==> flow/design.v <==
module gen_add_sub #(
   parameter WD = 112
) (
   input  wire clk_i,
   input  wire [WD-1:0] op_a,
   input  wire dir,
   output reg [WD-1:0] out
);
   reg [WD-1:0] op_a_d1;
   reg dir_d1;
   always @(posedge clk_i) begin
      op_a_d1 <= op_a;
      dir_d1 <= dir;
      out <= (op_a_d1 ^ {WD{dir_d1}}) + dir_d1;
   end
endmodule
## From RTL to reports: gen_add_sub

What the tools print for gen_add_sub, step after step.
Line numbers count from 1 in the design file above.
Library cell names are shortened.
A cell with -- has no value.

| inputs | value |
|---|---|
| design top | gen_add_sub |
| clock | clk_i |
| cell library | sky130hd |
| library corner | tt_025C_1v80 |

## Elaborated design

Counts by Yosys on the flattened word-level netlist (proc, flatten, opt, wreduce; memories kept). Register bits leave out memories and registers merged into their read ports (data or address); mux counts leave out enables and synchronous resets folded into registers. Print and check cells are left out. Cells with the same type and inputs are merged into one.

| storage and ports | value |
|---|---|
| elaborated cells | 5 |
| bits of input ports | 114 |
| output and inout port bits | 112 |
| bits in registers | 225 |

| operators by class | value |
|---|---|
| bitwise operators | 1 |
| add/sub/neg operators | 1 |

Operator list:

| operator | number |
|---|---|
| 112-bit by 1-bit adder with 112-bit output | 1 |
| 112-bit XOR | 1 |

## Longest topological paths

Longest topological path by Yosys (ltp), each cell counted once; first at word level (registers and memories cut), then after technology mapping (sequential cells cut; the memories' decode and read muxes count).

| depth | value |
|---|---|
| depth in word-level cells | 2 |
| ABC_AREA | 0 |
| depth in mapped cells | 16 |
| gate-level depth less buffers | 9 |

## Synthesis result

Source: synth_stat.txt of the flow (Yosys; design flattened, memories mapped). It holds for the ABC_AREA given above (unset counts as 0); a run with the other value may have another netlist.

| mapped netlist | value |
|---|---|
| mapped area | 10176.0 um2 |
| cells in the netlist | 1058 |
| buffers | 57 |
| sequential part of the area | 4504.3 um2 |
| mapped flip-flops | 225 |

Cells by type:

| type | number | total area (um2) |
|---|---|---|
| dfxtp_1 | 225 | 4504.32 |
| xnor2_1 | 138 | 1.21E+03 |
| xor2_1 | 48 | 420.403 |
| mux2i_1 | 32 | 320.307 |
| nand2_1 | 80 | 300.288 |
| nand3_1 | 46 | 230.221 |
| nand2b_1 | 31 | 193.936 |
| nor2_1 | 43 | 161.405 |
| o22ai_1 | 24 | 150.144 |
| nor3_1 | 28 | 140.134 |
| nor4_1 | 20 | 125.12 |
| nand4_1 | 19 | 118.864 |
| or3_1 | 19 | 118.864 |
| nand4b_1 | 13 | 113.859 |
| o21ai_0 | 22 | 110.106 |
| clkbuf_1 | 25 | 93.84 |
| nand3b_1 | 12 | 90.086 |
| o32ai_1 | 10 | 87.584 |

Not listed: further types 55, cells in them 223.

## Path before layout

Path of least setup slack by OpenSTA after synthesis, without wires, with an ideal clock, recovery checks aside; 20% of the period is set as input and as output delay. Where synthesis merged equal registers, the netlist keeps one of their names.

| timing after synthesis | value |
|---|---|
| path kind | flip-flop to flip-flop |
| start point | register dir_d1 |
| end point | register out[80] |
| arrival | 3.954 ns |
| path slack | 1.016 ns |
| path delay | 4.075 ns |
| clock period | 5.09 ns |
| stages | 17 |
| path buffers | 8 |
| library setup time | 0.121 ns |
| data required time | 4.969 ns |
| time at the first pin | 0.000 ns |
| period reached after synthesis | 4.074 ns |

"path delay" = arrival - input delay + setup time.
"stages" counts driving pins, that of a launching flip-flop among them; a cell with two outputs on the path counts twice.
"period reached after synthesis" is the clock period less the worst setup slack; recovery checks do not enter. This is arithmetic on one report: input and output delays are still those of the set period (20% each).
The rows between start and end are the longest chain of elaborated cells between them; the timing report does not say that the signal goes this way. Where chains are equally long, one stands for them.
A line is the first line of the expression or statement that the cell stems from. Yosys adds cells for indexed reads and writes and turns some case tables into memories.

| on the way, after synthesis | value |
|---|---|
| cell sequence | dfxtp_1 -> clkbuf_1 -> buf_2 -> clkbuf_1 -> buf_2 -> buf_1 -> clkbuf_1 -> xor2_1 -> ha_1 -> o21ai_0 -> nand2b_1 -> clkbuf_1 -> or3_1 -> clkbuf_1 -> nor4_4 -> nand4_1 -> xnor2_1 |
| cells in the longest elaborated chain | 2 |
| elaborated cells on any way between the ends | 2 |
| RTL lines with such cells | 1 |
| those cells by class | 1 x add/sub; 1 x logic |

RTL lines, path after synthesis:

| item | RTL line | RTL |
|---|---|---|
| start: declaration | 10 | `reg dir_d1;` |
| start: assignment | 13 | `dir_d1 <= dir;` |
| 112-bit XOR | 14 | `out <= (op_a_d1 ^ {WD{dir_d1}}) + dir_d1;` |
| 112-bit by 1-bit adder with 112-bit output | 14 |  |
| end: assignment | 14 |  |
| end: declaration | 7 | `output reg [WD-1:0] out` |

## Timing after layout

Path of least setup slack in the final report of record 1 (OpenROAD, finished layout, wires in). Where an end is a register, its clock arrival counts in the times.

| timing after layout | value |
|---|---|
| path kind | flip-flop to flip-flop |
| start point | register dir_d1 |
| end point | register out[95] |
| arrival | 3.24 ns |
| clock period | 3.11 ns |
| time at the first pin | 0.50 ns |
| path slack | 0.25 ns |
| path buffers | 3 |
| data required time | 3.49 ns |
| library setup time | 0.11 ns |
| stages | 11 |

The rows between start and end are the longest chain of elaborated cells between them; the timing report does not say that the signal goes this way. Where chains are equally long, one stands for them.

| on the way, after layout | value |
|---|---|
| cell sequence | dfxtp_4 -> buf_6 -> buf_6 -> or4b_4 -> o22a_1 -> or4_4 -> nand4b_1 -> buf_6 -> nor3_4 -> a21o_1 -> nand3_1 |
| cells in the longest elaborated chain | 2 |
| elaborated cells on any way between the ends | 2 |
| RTL lines with such cells | 1 |
| those cells by class | 1 x add/sub; 1 x logic |

RTL lines, path after layout:

| item | RTL line | RTL |
|---|---|---|
| start: declaration | 10 | `reg dir_d1;` |
| start: assignment | 13 | `dir_d1 <= dir;` |
| 112-bit XOR | 14 | `out <= (op_a_d1 ^ {WD{dir_d1}}) + dir_d1;` |
| 112-bit by 1-bit adder with 112-bit output | 14 |  |
| end: assignment | 14 |  |
| end: declaration | 7 | `output reg [WD-1:0] out` |

Hand-over note for gen_add_sub

Flow measurements of gen_add_sub on sky130hd: 3 stored runs with different settings, listed in no order. Input and output delays are each 20% of the period that was set; the output load is 0.01 pF.
"worst path time" means the part of the period allowed to the worst setup path (the constraints hold back 20% at inputs and 20% at outputs) less its slack; where the path has registers, the arrival times of their clocks count too.
"total power after layout" rests on the timing tool's default activity at the inputs, not on a simulated workload.
Settings: n/a = not set for that run.

| stored run | period_ns | CORE_UTILIZATION | SETUP_SLACK_MARGIN | PLACE_DENSITY_LB_ADDON | CORE_ASPECT_RATIO | TNS_END_PERCENT | GPL_ROUTABILITY_DRIVEN | CTS_CLUSTER_DIAMETER | CAP_MARGIN | MAX_ROUTING_LAYER | CORE_MARGIN | SLEW_MARGIN | ABC_AREA | MIN_ROUTING_LAYER | netlist area reported by Yosys (um2) | area inside the die boundary (um2) | standard-cell area after layout (um2) | utilization after layout (%) | setup slack of the critical path (ns) | setup TNS (ns) | worst hold slack in the final report (ns) | total power after layout (W) | worst path time (ns) | worst setup path kind |
|---|---|---|---|---|---|---|---|---|---|---|---|---|---|---|---|---|---|---|---|---|---|---|---|---|
| record 1 | 3.11 | 44 | 0.64 | 0.03 | 0.65 | 60 | 0 | 297 | 30 | met5 | 2 | 20 | n/a | n/a | 10176.0 | 24388.3 | 14934.3 | 66.3 | 0.246 | 0.000 | 0.491 | 0.006905 | 2.86 | flip-flop to flip-flop |
| record 2 | 2.51 | 35 | n/a | n/a | 0.62 | n/a | 0 | 274 | 35 | met4 | 3 | 20 | 1 | met1 | 11725.0 | 35796.1 | 15919.0 | 48.5 | -0.002 | -0.002 | 0.386 | 0.008957 | 2.51 | flip-flop to flip-flop |
| record 3 | 5.09 | 40 | n/a | n/a | n/a | n/a | n/a | n/a | 20 | n/a | 2 | 20 | n/a | n/a | 10176.0 | 26732.2 | 13536.7 | 53.9 | 1.128 | 0.000 | 0.450 | 0.004502 | 3.96 | flip-flop to flip-flop |

End of note.
